==> flow/design.v <==
module sync_reg_bank #(
   parameter D = 16,
   parameter W = 2,
   parameter RPORTS = 4,
   parameter ADDR_WIDTH = $clog2(D)
) (
   input logic clk_i,
   input logic write,
   input logic [ADDR_WIDTH-1:0] wa,
   input logic [W-1:0] wd,
   input logic [RPORTS*ADDR_WIDTH-1:0] rd_idx,
   output logic [RPORTS*W-1:0] read_data
);
   logic r_write;
   logic [ADDR_WIDTH-1:0] r_wa;
   logic [W-1:0] r_wd;
   always_ff @(posedge clk_i) begin
      r_write <= write;
      r_wa <= wa;
      r_wd <= wd;
   end
   logic [W-1:0] array [0:D-1];
   always_ff @(posedge clk_i) begin
      if (r_write)
         array[r_wa] <= r_wd;
   end
   logic [RPORTS*ADDR_WIDTH-1:0] r_rd_idx;
   always_ff @(posedge clk_i)
      r_rd_idx <= rd_idx;
   logic [RPORTS*W-1:0] tmp;
   generate
      for (genvar gj = 0; gj < RPORTS; gj++) begin : each
         assign tmp[gj*W +: W] = array[r_rd_idx[gj*ADDR_WIDTH +: ADDR_WIDTH]];
      end
   endgenerate
   always_ff @(posedge clk_i)
      read_data <= tmp;
endmodule
## Tool chain data of sync_reg_bank

What the tools print for sync_reg_bank, step after step.
Line numbers count from 1 in the design file above.
Operators: Yosys type, input widths -> output width; for muxes data width and select width s.
Cell names lack the library's common part.
Not given: n/a

| design | value |
|---|---|
| design top | sync_reg_bank |
| clock port | clk_i |
| cell library | sky130hd |
| corner | tt_025C_1v80 |

## After elaboration

Source: Yosys, flattened and elaborated, memories not mapped. Widths are those after wreduce; folded enables and synchronous resets count as part of the registers. Registers that Yosys merges into a memory's read port (data or address) are not register bits. Print and check cells do not count. Equal cells are merged and count once.
Yosys's memory passes give these memory sizes; they may raise the number of words (mostly to a power of two), join words into wider ones and drop unused or constant bits.

| cells by class | value |
|---|---|
| mux-type cells | 3 |

Operators by type and width:

| operator | number |
|---|---|
| $mux 4 | 1 |
| $mux 2 | 1 |
| $mux 1 | 1 |

| word-level totals | value |
|---|---|
| cells after elaboration | 8 |
| word width x clocked read ports | 8 |
| memories | 1 |
| bits in writable memories | 32 |
| flip-flop bits (word level) | 23 |

Memory list:

| memory | depth | bits a word | read ports | wr ports | RTL line | RTL |
|---|---|---|---|---|---|---|
| array | 16 | 2 | 4 | 1 | 22 | `logic [W-1:0] array [0:D-1];` |

## Logic depth

Longest topological path by Yosys (ltp), each cell counted once; first at word level (registers and memories cut), then after technology mapping (sequential cells cut; the memories' decode and read muxes count).

| depth | value |
|---|---|
| depth after elaboration | 1 |
| ABC_AREA | 0 |
| mapped depth | 4 |
| gate-level depth less buffers | 3 |

## Netlist

Source: synth_stat.txt of the flow (Yosys; design flattened, memories mapped). It holds for the ABC_AREA given above (unset counts as 0); a run with the other value may have another netlist.
The area totals of this step are shown rounded.

| synthesis totals | value |
|---|---|
| buffer cells | 8 |
| flip-flop cells | 63 |
| mapped cells | 170 |
| cell area after synthesis | 2,798 um2 |

Cells by type:

| cell | number | total area (um2) |
|---|---|---|
| edfxtp_1 | 32 | 960.922 |
| mux4_1 | 24 | 630.605 |
| dfxtp_1 | 31 | 620.595 |
| mux4_2 | 8 | 180.173 |
| nand3_1 | 17 | 85.082 |
| a22oi_1 | 8 | 60.058 |
| nor2_1 | 16 | 60.058 |
| nor2b_1 | 8 | 50.048 |
| buf_6 | 4 | 45.043 |
| nand2_1 | 9 | 33.782 |
| nor3_1 | 4 | 20.019 |
| clkbuf_1 | 4 | 15.014 |
| nand3b_1 | 2 | 15.014 |
| nand2b_1 | 2 | 12.512 |
| or3b_2 | 1 | 8.758 |

## Path before layout

Path of least setup slack by OpenSTA after synthesis, without wires, with an ideal clock, recovery checks aside; 20% of the period is set as input and as output delay. Where synthesis merged equal registers, the netlist keeps one of their names.

| timing post-synthesis | value |
|---|---|
| kind | reg2reg |
| from | register r_write |
| to | memory array[0][0] |
| launch time at the first pin | 0 ps |
| delay of the path | 1,357 ps |
| buffers on the path | 0 |
| clock period | 1,700 ps |
| path slack | 343 ps |
| data required time | 1,371 ps |
| arrival time | 1,028 ps |
| driving pins on the path | 3 |
| synthesis period reached | 1,357 ps |

"delay of the path" is the arrival time less input delay plus setup time.
"driving pins on the path": output pins that drive a net of the path, with the launching flip-flop's if there is one; two outputs of one cell count as two.
"synthesis period reached" is the clock period less the worst setup slack; recovery checks do not enter. This is arithmetic on one report: input and output delays are still those of the set period (20% each).
The rows between start and end are the longest chain of elaborated cells between them; the timing report does not say that the signal goes this way. Where chains are equally long, one stands for them.
A line is the first line of the expression or statement that the cell stems from. Yosys adds cells for indexed reads and writes and turns some case tables into memories.
Only ways into the end's enable, where the timed path ends, are counted here.

| on the way, post-synthesis | value |
|---|---|
| cells stage by stage | dfxtp_1 or3b_2 nor3_1 |
| cells in the longest elaborated chain | 1 |

Ends and longest elaborated chain, post-synthesis:

| element | RTL line | RTL |
|---|---|---|
| start, declared | 14 | `logic r_write;` |
| start, assigned | 18 | `r_write <= write;` |
| $mux 4 | 24 | `if (r_write)` |
| end, declared | 22 | `logic [W-1:0] array [0:D-1];` |

## Timing after layout

From the final timing report of flow run A: the path of least setup slack in the routed layout; clock arrival at registers is part of the times.
The path's times are printed in steps of 10 ps; the period is the one set.

| timing post-layout | value |
|---|---|
| kind | reg2reg |
| from | register r_rd_idx[4] |
| to | register read_data[2] |
| arrival time | 1,680 ps |
| clock period | 1,210 ps |
| driving pins on the path | 5 |
| buffers on the path | 1 |
| path slack | -250 ps |
| launch time at the first pin | 340 ps |
| data required time | 1,430 ps |

| on the way, post-layout | value |
|---|---|
| cells stage by stage | dfxtp_2 buf_8 mux4_2 a22oi_2 nand3_1 |

Ends and longest elaborated chain, post-layout:

| element | RTL line | RTL |
|---|---|---|
| start, declared | 27 | `logic [RPORTS*ADDR_WIDTH-1:0] r_rd_idx;` |
| start, assigned | 29 | `r_rd_idx <= rd_idx;` |
| end, declared | 12 | `output logic [RPORTS*W-1:0] read_data` |

No chain of elaborated cells between the ends is given.

Design sync_reg_bank on sky130hd. What follows are 3 stored runs of the flow, each under its own settings; their order means nothing. The constraints put input and output delay at 20% of the set period each and load the outputs with 0.01 pF.
"clock period achieved" means the clock period less the worst setup slack. The figure is calculated, with input and output delays left at 20% of the set period.
"allowed time less slack (worst setup path)" = time allowed to the worst setup path (clock period - input delay - output delay, where it has them) - its slack; a late launch clock adds to it, a late capture clock takes from it.
"total design power" rests on the timing tool's default activity at the inputs, not on a simulated workload.
"allowed time less slack (worst setup path)" is given in steps of 10 ps.
The results are shown rounded.
Settings: -- = not set for that run.
Results: -- = not shown.

| stored run | period_ns | CORE_UTILIZATION | SETUP_SLACK_MARGIN | PLACE_DENSITY_LB_ADDON | CORE_MARGIN | GPL_TIMING_DRIVEN | CTS_CLUSTER_SIZE | CAP_MARGIN | SLEW_MARGIN | CORE_ASPECT_RATIO | CELL_PAD_IN_SITES_DETAIL_PLACEMENT | TNS_END_PERCENT | GPL_ROUTABILITY_DRIVEN | MIN_ROUTING_LAYER | MAX_ROUTING_LAYER | clock period achieved (ps) | standard-cell area after layout (um2) | total design power (mW) | setup slack of the critical path (ps) | area of the die (um2) | lowest hold slack (ps) | summed negative setup slack (ps) | mapped cell area after synthesis (um2) | allowed time less slack (worst setup path) (ps) | type of the worst setup path |
|---|---|---|---|---|---|---|---|---|---|---|---|---|---|---|---|---|---|---|---|---|---|---|---|---|---|
| flow run A | 1.21 | 48 | 0.04 | 0.14 | 3 | 0 | 37 | 20 | 20 | -- | -- | -- | -- | -- | -- | 1,456 | 3,462 | 4.443 | -246 | 6,781 | 318 | -1,533 | 2,798 | 1,460 | reg2reg |
| flow run B | 0.972 | 59 | 0.06 | 0.02 | 2 | 1 | 55 | 0 | 20 | 1.02 | 1 | 40 | 0 | met1 | met5 | -- | -- | -- | -- | -- | -- | -- | -- | -- | -- |
| flow run C | 1.7 | 40 | -- | -- | 2 | -- | -- | 20 | 20 | -- | -- | -- | -- | -- | -- | 1,547 | 3,451 | 3.525 | 153 | 7,679 | 416 | 0 | 2,798 | 1,210 | reg2out |

Flow run B: not finished: routing ended with error DPL-0033
